==> flow/design.v <==
module cpu_cmp #(
    parameter integer WIDTH = 128
) (
    input wire sys_clk,
    input wire i_rst,
    input wire [WIDTH-1:0] first,
    input wire [WIDTH-1:0] second,
    output reg less,
    output reg is_eq,
    output reg gt
);
    reg [WIDTH-1:0] first_q;
    always @(posedge sys_clk) begin
        if (i_rst) begin
            first_q <= 0;
        end else begin
            first_q <= first;
        end
    end
    reg [WIDTH-1:0] second_q;
    always @(posedge sys_clk) begin
        if (i_rst) begin
            second_q <= 0;
        end else begin
            second_q <= second;
        end
    end
    always @(posedge sys_clk) begin
        if (i_rst) begin
            less <= 1'b0;
        end else begin
            less <= (first_q < second_q);
        end
    end
    always @(posedge sys_clk) begin
        if (i_rst) begin
            is_eq <= 1'b0;
        end else begin
            is_eq <= (first_q == second_q);
        end
    end
    always @(posedge sys_clk) begin
        if (i_rst) begin
            gt <= 1'b0;
        end else begin
            gt <= (first_q > second_q);
        end
    end
endmodule
* Tool chain data of cpu_cmp
Tool output for the design above, in the order of the flow. Lines are those of the file above, counted from 1. Operators carry their Yosys type and port widths (W data, S select, Z words). Library cell names are shortened. Not given: --
Inputs: top cpu_cmp, clock sys_clk, cell library sky130hd, timing corner tt_025C_1v80

* Word-level counts
Source: Yosys, flattened and elaborated, memories not mapped. Widths are those after wreduce; folded enables and synchronous resets count as part of the registers. Registers that Yosys merges into a memory's read port (data or address) are not register bits. Print and check cells do not count. Equal cells are merged and count once.
Cells by class: order comparisons 2, muxes and demuxes 0, multipliers 0, shift-type cells 0, divide/modulo/power cells 0, reductions and logical operators 0, eq/ne operators 1, add/sub/neg operators 0, bitwise logic cells 0
Operators with widths (number):
- $gt A128 B128 Y1 | 1
- $lt A128 B128 Y1 | 1
- $eq A128 B128 Y1 | 1
Storage and ports: memory cells 0, register bits after elaboration 259, bits of input ports 258, word-level cells 8, word width x clocked read ports 0, RAM bits 0, memory bits (read-only) 0, bits in latches 0

* Depth
Depth = most cells in a row (Yosys ltp): at word level without a register or memory, in the mapped netlist without a sequential cell, where the memories' decode and read muxes count.
Logic depth: depth in word-level cells 1, ABC_AREA 0, depth in mapped cells 9, depth with buffers taken out 9

* Mapped cells and area
The flow's flattened synthesis, as Yosys stat reports it; memories are mapped. The netlist is that of the ABC_AREA named above (0 if unset); the other value can give another one.
Synthesis totals: area of sequential cells 5185.0 um^2, cells in the netlist 1013, flip-flop cells 259, chip area (Yosys) 10197.3 um^2
Cells by type:
- dfxtp_1 | number 259, total area 5.18E+03 um^2
- nor2b_1 | number 258, total area 1.61E+03 um^2
- ha_1 | number 128, total area 1.6E+03 um^2
- inv_1 | number 133, total area 499.229 um^2
- a21oi_1 | number 47, total area 235.226 um^2
- nand4_1 | number 30, total area 187.68 um^2
- clkbuf_1 | number 29, total area 108.854 um^2
- nand2_1 | number 29, total area 108.854 um^2
- a21o_1 | number 9, total area 67.565 um^2
- nand3_1 | number 13, total area 65.062 um^2
- a211oi_1 | number 8, total area 60.058 um^2
- o21ai_0 | number 12, total area 60.058 um^2
- nor2_1 | number 11, total area 41.29 um^2
- a221o_1 | number 4, total area 40.038 um^2
- nor3_1 | number 8, total area 40.038 um^2
- a221oi_1 | number 4, total area 35.034 um^2
- o21a_1 | number 4, total area 30.029 um^2
- a2111oi_0 | number 3, total area 26.275 um^2
Not listed: further types 16, cells in them 24.

* Path before layout
Path of least setup slack by OpenSTA after synthesis, without wires, with an ideal clock, recovery checks aside; 20% of the period is set as input and as output delay. Where synthesis merged equal registers, the netlist keeps one of their names.
Timing after synthesis: kind register to register, from register second_q[83], to register is_eq, library setup time 63 ps, setup slack 539 ps, time at the first pin 0 ps, path buffers 0, path delay 2161 ps, data required time 2637 ps, data arrival time 2098 ps, stages on the path 8, clock period 2700 ps, synthesis period reached 2161 ps
"path delay" is the arrival time less input delay plus setup time. "stages on the path": output pins that drive a net of the path, with the launching flip-flop's if there is one; two outputs of one cell count as two. "synthesis period reached" is the clock period less the worst setup slack; recovery checks do not enter. This is arithmetic on one report: input and output delays are still those of the set period (20% each). The rows between start and end are the longest chain of elaborated cells between them; the timing report does not say that the signal goes this way. Where chains are equally long, one stands for them. Each line given opens the expression or statement behind the cell; cells for indexed reads and writes are added by Yosys, which also makes memories of some case tables.
On the way, after synthesis: path through dfxtp_1 -> inv_1 -> ha_1 -> nand4_1 -> or4_1 -> or4_1 -> nor4_2 -> nor2b_2, cells in the longest elaborated chain 1
Ends and longest elaborated chain, after synthesis:
- start, declared | RTL line 20 | reg [WIDTH-1:0] second_q;
- start, assigned | RTL line 23 | second_q <= 0;
- start, assigned | RTL line 25 | second_q <= second;
- $eq A128 B128 Y1 | RTL line 39 | is_eq <= (first_q == second_q);
- end, assigned | RTL line 37 | is_eq <= 1'b0;
- end, assigned | RTL line 39
- end, declared | RTL line 9 | output reg is_eq,

* Timing after layout
From the final timing report of stored run 1: the path of least setup slack in the routed layout; clock arrival at registers is part of the times. The report prints the path's times to 10 ps; the period is as set.
Timing after layout: kind register to register, from register second_q[71], to register is_eq, path buffers 0, time at the first pin 510 ps, library setup time 60 ps, data arrival time 3010 ps, setup slack 1220 ps, stages on the path 9, clock period 3780 ps, data required time 4230 ps
The rows between start and end are the longest chain of elaborated cells between them; the timing report does not say that the signal goes this way. Where chains are equally long, one stands for them.
On the way, after layout: path through dfxtp_1 -> inv_1 -> ha_1 -> nand4_1 -> nor3_1 -> nand2_1 -> or4_1 -> nor4_2 -> nor2b_2, cells in the longest elaborated chain 1
Ends and longest elaborated chain, after layout:
- start, declared | RTL line 20 | reg [WIDTH-1:0] second_q;
- start, assigned | RTL line 23 | second_q <= 0;
- start, assigned | RTL line 25 | second_q <= second;
- $eq A128 B128 Y1 | RTL line 39 | is_eq <= (first_q == second_q);
- end, assigned | RTL line 37 | is_eq <= 1'b0;
- end, assigned | RTL line 39
- end, declared | RTL line 9 | output reg is_eq,

FLOW RESULTS
============

Measured data: module cpu_cmp, platform sky130hd, 3 stored runs of the flow under differing settings, order arbitrary. Input and output delays are each 20% of the period that was set; the output load is 0.01 pF.
"worst setup path time" means the part of the period allowed to the worst setup path (the constraints hold back 20% at inputs and 20% at outputs) less its slack; where the path has registers, the arrival times of their clocks count too.
By "power" is meant OpenSTA's value without simulated activity: inputs other than the clock are taken to toggle once in ten clock periods, and the tool carries that through the logic.
"worst setup path time" is known to 10 ps.
[stored run 1] settings: period_ns=3.78, CORE_UTILIZATION=52, SETUP_SLACK_MARGIN=0.14, PLACE_DENSITY_LB_ADDON=0.17, CELL_PAD_IN_SITES_GLOBAL_PLACEMENT=0, CELL_PAD_IN_SITES_DETAIL_PLACEMENT=0, GPL_ROUTABILITY_DRIVEN=0, CAP_MARGIN=0, SLEW_MARGIN=30, MAX_ROUTING_LAYER=met4, CORE_MARGIN=2
[stored run 1] result: chip area after synthesis (Yosys) 10197.3 um^2, die area 20746.1 um^2, standard-cell area of the final layout 14031.0 um^2, worst setup slack after layout 1224 ps, total negative slack 0 ps, power 6.546 mW, worst setup path time 2560 ps, worst setup path kind register to register
[stored run 2] settings: period_ns=2.7, CAP_MARGIN=20, CORE_MARGIN=2, CORE_UTILIZATION=40, SLEW_MARGIN=20
[stored run 2] result: chip area after synthesis (Yosys) 10197.3 um^2, die area 26786.2 um^2, standard-cell area of the final layout 14172.3 um^2, worst setup slack after layout 175 ps, total negative slack 0 ps, power 8.968 mW, worst setup path time 2520 ps, worst setup path kind register to register
[stored run 3] settings: period_ns=1.91, CORE_UTILIZATION=30, SETUP_SLACK_MARGIN=0.26, PLACE_DENSITY_LB_ADDON=0.09, CORE_MARGIN=10, CELL_PAD_IN_SITES_DETAIL_PLACEMENT=2, TNS_END_PERCENT=70, GPL_ROUTABILITY_DRIVEN=0, CTS_CLUSTER_SIZE=52, CTS_CLUSTER_DIAMETER=27, CAP_MARGIN=35, MIN_ROUTING_LAYER=met2, MAX_ROUTING_LAYER=met4, SLEW_MARGIN=20
[stored run 3] result: chip area after synthesis (Yosys) 10197.3 um^2, die area 41765.1 um^2, standard-cell area of the final layout 17289.1 um^2, worst setup slack after layout -601 ps, total negative slack -1761 ps, power 21.158 mW, worst setup path time 2510 ps, worst setup path kind register to register
